==> flow/design.v <==
module sum_block_stage #(
    parameter int DATA_WIDTH = 6
) (
    input logic i_clk,
    input logic rst_ni,
    input logic clk_en,
    input logic [DATA_WIDTH-1:0] A,
    input logic [DATA_WIDTH-1:0] B,
    input logic [DATA_WIDTH-1:0] C,
    output logic [DATA_WIDTH+1:0] s
);
    logic [DATA_WIDTH-1:0] A_q;
    logic [DATA_WIDTH-1:0] B_q;
    logic [DATA_WIDTH-1:0] C_q;
    always_ff @(posedge i_clk or negedge rst_ni) begin
        if (~rst_ni) begin
            A_q <= '0;
            B_q <= '0;
            C_q <= '0;
            s <= '0;
        end else if (clk_en) begin
            A_q <= A;
            B_q <= B;
            C_q <= C;
            s <= A_q + B_q + C_q;
        end
    end
endmodule
# Reports on sum_block_stage

Tool output for the design above, in the order of the flow.
Line numbers count from 1 in the design file above.
Not given: --

Top module: sum_block_stage
Clock input: i_clk
Cell library: sky130hd
Library corner: tt_025C_1v80

# Word-level counts

Source: Yosys, flattened and elaborated, memories not mapped. Widths are those after wreduce; folded enables and synchronous resets count as part of the registers. Registers that Yosys merges into a memory's read port (data or address) are not register bits. Print and check cells do not count. Equal cells are merged and count once.

Flip-flop bits (word level): 26
Bits in latches: 0
Bits in writable memories: 0
Memory bits (read-only): 0
Word width x clocked read ports: 0
Memories kept: 0
Input bits: 21
Output and inout port bits: 8
Word-level cells: 6

Add/sub/neg operators: 2
Multipliers: 0
Divide/modulo/power cells: 0
$lt $le $gt $ge: 0
Equal/unequal tests: 0
Shift-type cells: 0
Multiplexer cells: 0
Bitwise gates (word level): 0
Reductions and logical operators: 0

Operators by type and width:

| operator                               | number |
| 7-bit by 6-bit adder with 8-bit output | 1 |
| 6-bit by 6-bit adder with 7-bit output | 1 |

# Logic depth

Longest topological path by Yosys (ltp), each cell counted once; first at word level (registers and memories cut), then after technology mapping (sequential cells cut; the memories' decode and read muxes count).

Depth after elaboration: 2
ABC_AREA: 0
Gate-level depth with buffers: 10
Depth with buffers taken out: 10

# After synthesis

Yosys stat after the flow's synthesis: flattened, memories mapped to cells. It holds for the ABC_AREA given above (unset counts as 0); a run with the other value may have another netlist.

Standard cells after synthesis: 105
Cell area after synthesis: 0.001285 mm2
Area of sequential cells: 0.0006506 mm2
Flip-flops: 26
Buffers: 3

Cell types:

| cell                     | number | total area (um2) |
| sky130_fd_sc_hd__dfrtp_1 | 26     | 650.624 |
| sky130_fd_sc_hd__mux2_2  | 14     | 157.651 |
| sky130_fd_sc_hd__fa_1    | 7      | 140.134 |
| sky130_fd_sc_hd__ha_1    | 5      | 62.56 |
| sky130_fd_sc_hd__inv_1   | 13     | 48.797 |
| sky130_fd_sc_hd__o21ai_0 | 8      | 40.038 |
| sky130_fd_sc_hd__nand2_1 | 9      | 33.782 |
| sky130_fd_sc_hd__a21o_1  | 3      | 22.522 |
| sky130_fd_sc_hd__xnor2_1 | 2      | 17.517 |
| sky130_fd_sc_hd__a21oi_1 | 3      | 15.014 |
| sky130_fd_sc_hd__mux2_4  | 1      | 15.014 |
| sky130_fd_sc_hd__o21a_1  | 2      | 15.014 |
| sky130_fd_sc_hd__buf_2   | 2      | 10.01 |
| sky130_fd_sc_hd__o31a_1  | 1      | 8.758 |
| sky130_fd_sc_hd__nor2_1  | 2      | 7.507 |
| sky130_fd_sc_hd__o31ai_1 | 1      | 7.507 |
| sky130_fd_sc_hd__a31oi_1 | 1      | 6.256 |
| sky130_fd_sc_hd__nand4_1 | 1      | 6.256 |

Not listed: further types 4, cells in them 4.

# Timing after synthesis

OpenSTA on the mapped netlist: ideal clock, no wires. The path of least setup slack (recovery checks aside). Input and output delay are each 20% of the period. Register names are those of the netlist, which keeps one name where synthesis merged equal registers.

Path type: reg2reg
Start: register A_q[1]
End: register s[5]
Period: 2.58 ns
Setup time: 0.095 ns
Launch time at the first pin: 0.000 ns
Arrival: 1.969 ns
Data required time: 2.485 ns
Setup slack: 0.516 ns
Delay of the path: 2.064 ns
Stages on the path: 9
Path buffers: 0
Synthesis period reached: 2.064 ns

"delay of the path" = arrival - input delay + setup time.
"stages on the path": output pins that drive a net of the path, with the launching flip-flop's if there is one; two outputs of one cell count as two.
"synthesis period reached" is the clock period less the worst setup slack; recovery checks do not enter. This is arithmetic on one report: input and output delays are still those of the set period (20% each).
Between the ends stands the longest chain of elaborated cells between them, by number of cells; it is not shown to be the way that was timed. Of several equally long chains one is given.
Each line given opens the expression or statement behind the cell; cells for indexed reads and writes are added by Yosys, which also makes memories of some case tables.

Cells stage by stage: sky130_fd_sc_hd__dfrtp_1 > sky130_fd_sc_hd__fa_1 > sky130_fd_sc_hd__ha_1 > sky130_fd_sc_hd__inv_1 > sky130_fd_sc_hd__fa_1 > sky130_fd_sc_hd__nor2b_1 > sky130_fd_sc_hd__o21a_1 > sky130_fd_sc_hd__nor3_1 > sky130_fd_sc_hd__o31ai_1
Cells in the longest elaborated chain: 2
Elaborated cells on any way between the ends: 2
RTL lines with such cells: 1
Classes of those cells: add/sub: 2

RTL lines, path post-synthesis:

| what                                   | line | source |
| start, declared                        | 12   | `logic [DATA_WIDTH-1:0] A_q;` |
| start, assigned                        | 17   | `A_q <= '0;` |
| start, assigned                        | 22   | `A_q <= A;` |
| 6-bit by 6-bit adder with 7-bit output | 25   | `s <= A_q + B_q + C_q;` |
| 7-bit by 6-bit adder with 8-bit output | 25   |  |
| end, assigned                          | 20   | `s <= '0;` |
| end, assigned                          | 25   |  |
| end, declared                          | 10   | `output logic [DATA_WIDTH+1:0] s` |

# Timing after layout

Path of least setup slack in the final report of flow run A (OpenROAD, finished layout, wires in). Where an end is a register, its clock arrival counts in the times.

Path type: reg2reg
Start: register A_q[1]
End: register s[7]
Period: 2.43 ns
Setup time: 0.10 ns
Launch time at the first pin: 0.31 ns
Arrival: 2.36 ns
Data required time: 2.65 ns
Setup slack: 0.29 ns
Stages on the path: 9
Path buffers: 0

Between the ends stands the longest chain of elaborated cells between them, by number of cells; it is not shown to be the way that was timed. Of several equally long chains one is given.

Cells stage by stage: sky130_fd_sc_hd__dfrtp_1 > sky130_fd_sc_hd__fa_1 > sky130_fd_sc_hd__ha_1 > sky130_fd_sc_hd__inv_1 > sky130_fd_sc_hd__fa_2 > sky130_fd_sc_hd__nor2b_1 > sky130_fd_sc_hd__o21a_1 > sky130_fd_sc_hd__o21a_1 > sky130_fd_sc_hd__o31a_1
Cells in the longest elaborated chain: 2
Elaborated cells on any way between the ends: 2
RTL lines with such cells: 1
Classes of those cells: add/sub: 2

RTL lines, path after layout:

| what                                   | line | source |
| start, declared                        | 12   | `logic [DATA_WIDTH-1:0] A_q;` |
| start, assigned                        | 17   | `A_q <= '0;` |
| start, assigned                        | 22   | `A_q <= A;` |
| 6-bit by 6-bit adder with 7-bit output | 25   | `s <= A_q + B_q + C_q;` |
| 7-bit by 6-bit adder with 8-bit output | 25   |  |
| end, assigned                          | 20   | `s <= '0;` |
| end, assigned                          | 25   |  |
| end, declared                          | 10   | `output logic [DATA_WIDTH+1:0] s` |

sum_block_stage through Yosys and OpenROAD on sky130hd: 3 stored runs, unordered, with their settings and measured results. The constraints put input and output delay at 20% of the set period each and load the outputs with 0.01 pF.
"achieved period" means the clock period less the worst setup slack. The figure is calculated, with input and output delays left at 20% of the set period.
"critical setup path time" is the time allowed to the run's worst setup path (the clock period less input and output delay, where it has them) less its slack. Clock arrival times count: a late capture clock shortens it, a late launch clock lengthens it.
"total power after layout" is the tool's figure for a default switching activity; nothing was simulated.
A setting shown as . is not set for that run.

| name                                  | flow run A | flow run B | flow run C |
| period_ns                             | 2.43       | 3.73       | 2.58       |
| CORE_UTILIZATION                      | 55         | 53         | 40         |
| SETUP_SLACK_MARGIN                    | 0.15       | 0.15       | .          |
| PLACE_DENSITY_LB_ADDON                | 0.05       | 0.09       | .          |
| CORE_ASPECT_RATIO                     | 0.79       | 1.06       | .          |
| GPL_TIMING_DRIVEN                     | 1          | .          | .          |
| GPL_ROUTABILITY_DRIVEN                | 1          | 1          | .          |
| CTS_CLUSTER_SIZE                      | 54         | 40         | .          |
| SLEW_MARGIN                           | 0          | 20         | 20         |
| CAP_MARGIN                            | 20         | 20         | 20         |
| CORE_MARGIN                           | 2          | 8          | 2          |
| CELL_PAD_IN_SITES_GLOBAL_PLACEMENT    | .          | 1          | .          |
| CELL_PAD_IN_SITES_DETAIL_PLACEMENT    | .          | 1          | .          |
| MAX_ROUTING_LAYER                     | .          | met5       | .          |
| synthesis area (mm2)                  | 0.001285   | 0.001285   | 0.001285   |
| utilization in the final report       | 0.739      | 0.702      | 0.545      |
| achieved period (ns)                  | 2.144      | 2.345      | 2.194      |
| setup total negative slack (ns)       | 0.000      | 0.000      | 0.000      |
| critical setup path time (ns)         | 2.14       | 2.35       | 2.19       |
| kind of the worst setup path          | reg2reg    | reg2reg    | reg2reg    |
| die size (mm2)                        | 0.0027415  | 0.0042568  | 0.0036821  |
| standard-cell area after layout (mm2) | 0.0016228  | 0.0016278  | 0.0016653  |
| total power after layout (uW)         | 1223       | 862        | 1189       |
| lowest setup slack (ns)               | 0.286      | 1.385      | 0.386      |
